==> flow/design.v <==
module sync_sum_block_v2 #(
   parameter XLEN = 12,
   parameter SLICE = 4
) (
   input aclk,
   input RSTN,
   input [XLEN-1:0] in_src1,
   input [XLEN-1:0] in_src2,
   input in_cy_in,
   output [XLEN-1:0] out_sum,
   output out_ovf
);
   reg [XLEN-1:0] src1_d1;
   reg [XLEN-1:0] src2_d1;
   reg cy_in_d1;
   always @(posedge aclk or negedge RSTN) begin
      if (!RSTN) begin
         src1_d1 <= 0;
         src2_d1 <= 0;
         cy_in_d1 <= 1'b0;
      end else begin
         src1_d1 <= in_src1;
         src2_d1 <= in_src2;
         cy_in_d1 <= in_cy_in;
      end
   end
   localparam NG = XLEN / SLICE;
   wire [XLEN-1:0] val;
   wire [NG:0] cy;
   assign cy[0] = cy_in_d1;
   genvar ii;
   generate
      for (ii = 0; ii < NG; ii = ii + 1) begin : row
         wire [SLICE:0] s0 = src1_d1[ii*SLICE +: SLICE] + src2_d1[ii*SLICE +: SLICE];
         wire [SLICE:0] s1 = src1_d1[ii*SLICE +: SLICE] + src2_d1[ii*SLICE +: SLICE] + 1'b1;
         assign {cy[ii+1], val[ii*SLICE +: SLICE]} = cy[ii] ? s1 : s0;
      end
   endgenerate
   reg [XLEN-1:0] sum_d1;
   always @(posedge aclk or negedge RSTN) begin
      if (!RSTN) begin
         sum_d1 <= 0;
      end else begin
         sum_d1 <= val;
      end
   end
   assign out_sum = sum_d1;
   reg ovf_d1;
   always @(posedge aclk or negedge RSTN) begin
      if (!RSTN) begin
         ovf_d1 <= 1'b0;
      end else begin
         ovf_d1 <= cy[NG];
      end
   end
   assign out_ovf = ovf_d1;
endmodule
Reports on sync_sum_block_v2
What the tools print for sync_sum_block_v2, step after step.
Lines are those of the file above, counted from 1.
Library cell names are shortened.
{ "inputs": {"design": "sync_sum_block_v2", "clk_port": "aclk", "lib": "sky130hd", "corner": "tt_025C_1v80"} }

Word-level counts
Counts by Yosys on the flattened word-level netlist (proc, flatten, opt, wreduce; memories kept). Register bits leave out memories and registers merged into their read ports (data or address); mux counts leave out enables and synchronous resets folded into registers. Print and check cells are left out. Cells with the same type and inputs are merged into one.
{ "classes": {"add_sub_neg": 6, "n_mux": 3} }
{ "ops": {"columns": ["operator", "count"], "rows": [
  ["4-bit by 4-bit adder with 5-bit output", 3],
  ["5-bit by 1-bit adder with 5-bit output with constant B", 3],
  ["5-bit 2-to-1 mux", 3]
]} }
{ "word_totals": {"regBits": 38, "inputBits": 27, "output_inout_bits": 13, "wordCells": 14} }

Logic depth
Depth = most cells in a row (Yosys ltp): at word level without a register or memory, in the mapped netlist without a sequential cell, where the memories' decode and read muxes count.
{ "logic_depth": {"depth_word": 5, "ABC_AREA": 0, "depth_mapped": 8, "mapped_depth_nobuf": 8} }

Synthesis result
Yosys stat after the flow's synthesis: flattened, memories mapped to cells. It holds for the ABC_AREA given above (unset counts as 0); a run with the other value may have another netlist.
{ "synth_totals": {"cell_count": 123, "synth_area_um2": 1697.9, "seqArea_um2": 950.9, "ffs": 38, "n_buf": 0} }
{ "by_type": {"columns": ["cell", "count", "type_area_um2"], "rows": [
  ["dfrtp_1", 38, 950.912],
  ["ha_1", 15, 187.68],
  ["xnor2_1", 10, 87.584],
  ["fa_1", 3, 60.058],
  ["xor2_1", 6, 52.55],
  ["a21oi_1", 7, 35.034],
  ["inv_1", 7, 26.275],
  ["a31oi_2", 2, 25.024],
  ["a21o_1", 3, 22.522],
  ["mux2_2", 2, 22.522],
  ["xor2_2", 1, 16.266],
  ["mux2_4", 1, 15.014],
  ["nor3b_1", 2, 15.014],
  ["nor4b_2", 1, 15.014],
  ["nand4_1", 2, 12.512],
  ["and4_4", 1, 11.261],
  ["or4_4", 1, 11.261],
  ["nand3_1", 2, 10.01]
]} }
Other cell types: 16; their cells: 19.

Path before layout
Path of least setup slack by OpenSTA after synthesis, without wires, with an ideal clock, recovery checks aside; 20% of the period is set as input and as output delay. Where synthesis merged equal registers, the netlist keeps one of their names.
{ "synth_path": {"kind": "reg2reg", "from": "register src1_d1[0]", "to": "register sum_d1[9]", "tclk_ns": 3.24, "setup_time_ns": 0.125, "t_first_pin_ns": 0.000, "t_arrival_ns": 2.467, "required_ns": 3.115, "path_slack_ns": 0.648, "delay_ns": 2.592, "driving_pins": 9, "path_buffers": 0, "synth_period_reached_ns": 2.592} }
"delay_ns" = arrival - input delay + setup time.
"driving_pins": output pins that drive a net of the path, with the launching flip-flop's if there is one; two outputs of one cell count as two.
"synth_period_reached_ns" is the clock period less the worst setup slack; recovery checks do not enter. This is arithmetic on one report: input and output delays are still those of the set period (20% each).
Between the ends stands the longest chain of elaborated cells between them, by number of cells; it is not shown to be the way that was timed. Of several equally long chains one is given.
Each line given opens the expression or statement behind the cell; cells for indexed reads and writes are added by Yosys, which also makes memories of some case tables.
{ "synth_between": {"cell_sequence": "dfrtp_1 > ha_1 > fa_1 > ha_1 > nand3_2 > or4_4 > a31oi_2 > nor2_2 > mux2_4", "elab_chain_len": 5, "cells_between": 5, "cone_classes": "2 x add/sub; 3 x mux"} }
{ "synth_rtl": {"columns": ["item", "line", "text"], "rows": [
  ["start: declaration", 13, "reg [XLEN-1:0] src1_d1;"],
  ["start: assignment", 18, "src1_d1 <= 0;"],
  ["start: assignment", 22, "src1_d1 <= in_src1;"],
  ["4-bit by 4-bit adder with 5-bit output", 35, "wire [SLICE:0] s1 = src1_d1[ii*SLICE +: SLICE] + src2_d1[ii*SLICE +: SLICE] + 1'b1;"],
  ["5-bit by 1-bit adder with 5-bit output", 35, null],
  ["5-bit 2-to-1 mux (3 in a row)", 36, "assign {cy[ii+1], val[ii*SLICE +: SLICE]} = cy[ii] ? s1 : s0;"],
  ["end: assignment", 42, "sum_d1 <= 0;"],
  ["end: assignment", 44, "sum_d1 <= val;"],
  ["end: declaration", 39, "reg [XLEN-1:0] sum_d1;"]
]} }

Worst path after layout
Path of least setup slack in the final report of stored run 1 (OpenROAD, finished layout, wires in). Where an end is a register, its clock arrival counts in the times.
{ "layout_path": {"kind": "reg2reg", "from": "register src1_d1[0]", "to": "register sum_d1[9]", "tclk_ns": 2.87, "setup_time_ns": 0.11, "t_first_pin_ns": 0.28, "t_arrival_ns": 2.82, "required_ns": 3.05, "path_slack_ns": 0.23, "driving_pins": 9, "path_buffers": 0} }
Between the ends stands the longest chain of elaborated cells between them, by number of cells; it is not shown to be the way that was timed. Of several equally long chains one is given.
{ "layout_between": {"cell_sequence": "dfrtp_1 > ha_2 > fa_1 > ha_2 > nand3_4 > or4_4 > and4_4 > nor2_4 > mux2_4", "elab_chain_len": 5, "cells_between": 5, "cone_classes": "2 x add/sub; 3 x mux"} }
{ "layout_rtl": {"columns": ["item", "line", "text"], "rows": [
  ["start: declaration", 13, "reg [XLEN-1:0] src1_d1;"],
  ["start: assignment", 18, "src1_d1 <= 0;"],
  ["start: assignment", 22, "src1_d1 <= in_src1;"],
  ["4-bit by 4-bit adder with 5-bit output", 35, "wire [SLICE:0] s1 = src1_d1[ii*SLICE +: SLICE] + src2_d1[ii*SLICE +: SLICE] + 1'b1;"],
  ["5-bit by 1-bit adder with 5-bit output", 35, null],
  ["5-bit 2-to-1 mux (3 in a row)", 36, "assign {cy[ii+1], val[ii*SLICE +: SLICE]} = cy[ii] ? s1 : s0;"],
  ["end: assignment", 42, "sum_d1 <= 0;"],
  ["end: assignment", 44, "sum_d1 <= val;"],
  ["end: declaration", 39, "reg [XLEN-1:0] sum_d1;"]
]} }

Hand-over note for sync_sum_block_v2

Record of 3 stored runs of the RTL-to-layout flow on sync_sum_block_v2, platform sky130hd. The runs are unordered. Constraints: input delay and output delay 20% of the set period each, output load 0.01 pF.
"reached clock period" means the clock period less the worst setup slack. The figure is calculated, with input and output delays left at 20% of the set period.
"time of the worst setup path" is the time allowed to the run's worst setup path (the clock period less input and output delay, where it has them) less its slack. Clock arrival times count: a late capture clock shortens it, a late launch clock lengthens it.
"power" is the tool's figure for a default switching activity; nothing was simulated.

==> stored run 1: settings <==
{ "period_ns": 2.87, "CORE_UTILIZATION": 18, "SETUP_SLACK_MARGIN": 0.38, "CELL_PAD_IN_SITES_DETAIL_PLACEMENT": 0, "GPL_TIMING_DRIVEN": 0, "GPL_ROUTABILITY_DRIVEN": 0, "SLEW_MARGIN": 25, "MIN_ROUTING_LAYER": "met1", "CAP_MARGIN": 20, "CORE_MARGIN": 2 }
==> stored run 1: results <==
power: 1381 uW
smallest setup slack: 0.230 ns
total negative slack: 0.000 ns
area inside the die boundary: 10225.3 um^2
time of the worst setup path: 2.64 ns
critical path kind: reg2reg
post-layout utilization: 0.269
standard-cell area after layout: 2473.6 um^2
reached clock period: 2.640 ns
post-synthesis cell area: 1697.9 um^2

==> stored run 2: settings <==
{ "period_ns": 1.8, "CORE_UTILIZATION": 47, "SETUP_SLACK_MARGIN": -0.09, "PLACE_DENSITY_LB_ADDON": 0.19, "MIN_ROUTING_LAYER": "met1", "CAP_MARGIN": 20, "CORE_MARGIN": 2, "SLEW_MARGIN": 20 }
==> stored run 2: results <==
power: 1973 uW
smallest setup slack: -0.786 ns
total negative slack: -6.222 ns
area inside the die boundary: 4109.4 um^2
time of the worst setup path: 2.59 ns
critical path kind: reg2reg
post-layout utilization: 0.696
standard-cell area after layout: 2376.0 um^2
reached clock period: 2.586 ns
post-synthesis cell area: 1697.9 um^2

==> stored run 3: settings <==
{ "period_ns": 3.24, "CAP_MARGIN": 20, "CORE_MARGIN": 2, "CORE_UTILIZATION": 40, "SLEW_MARGIN": 20 }
==> stored run 3: results <==
power: 1202 uW
smallest setup slack: 0.535 ns
total negative slack: 0.000 ns
area inside the die boundary: 4781.7 um^2
time of the worst setup path: 2.71 ns
critical path kind: reg2reg
post-layout utilization: 0.56
standard-cell area after layout: 2255.9 um^2
reached clock period: 2.705 ns
post-synthesis cell area: 1697.9 um^2

End of note.
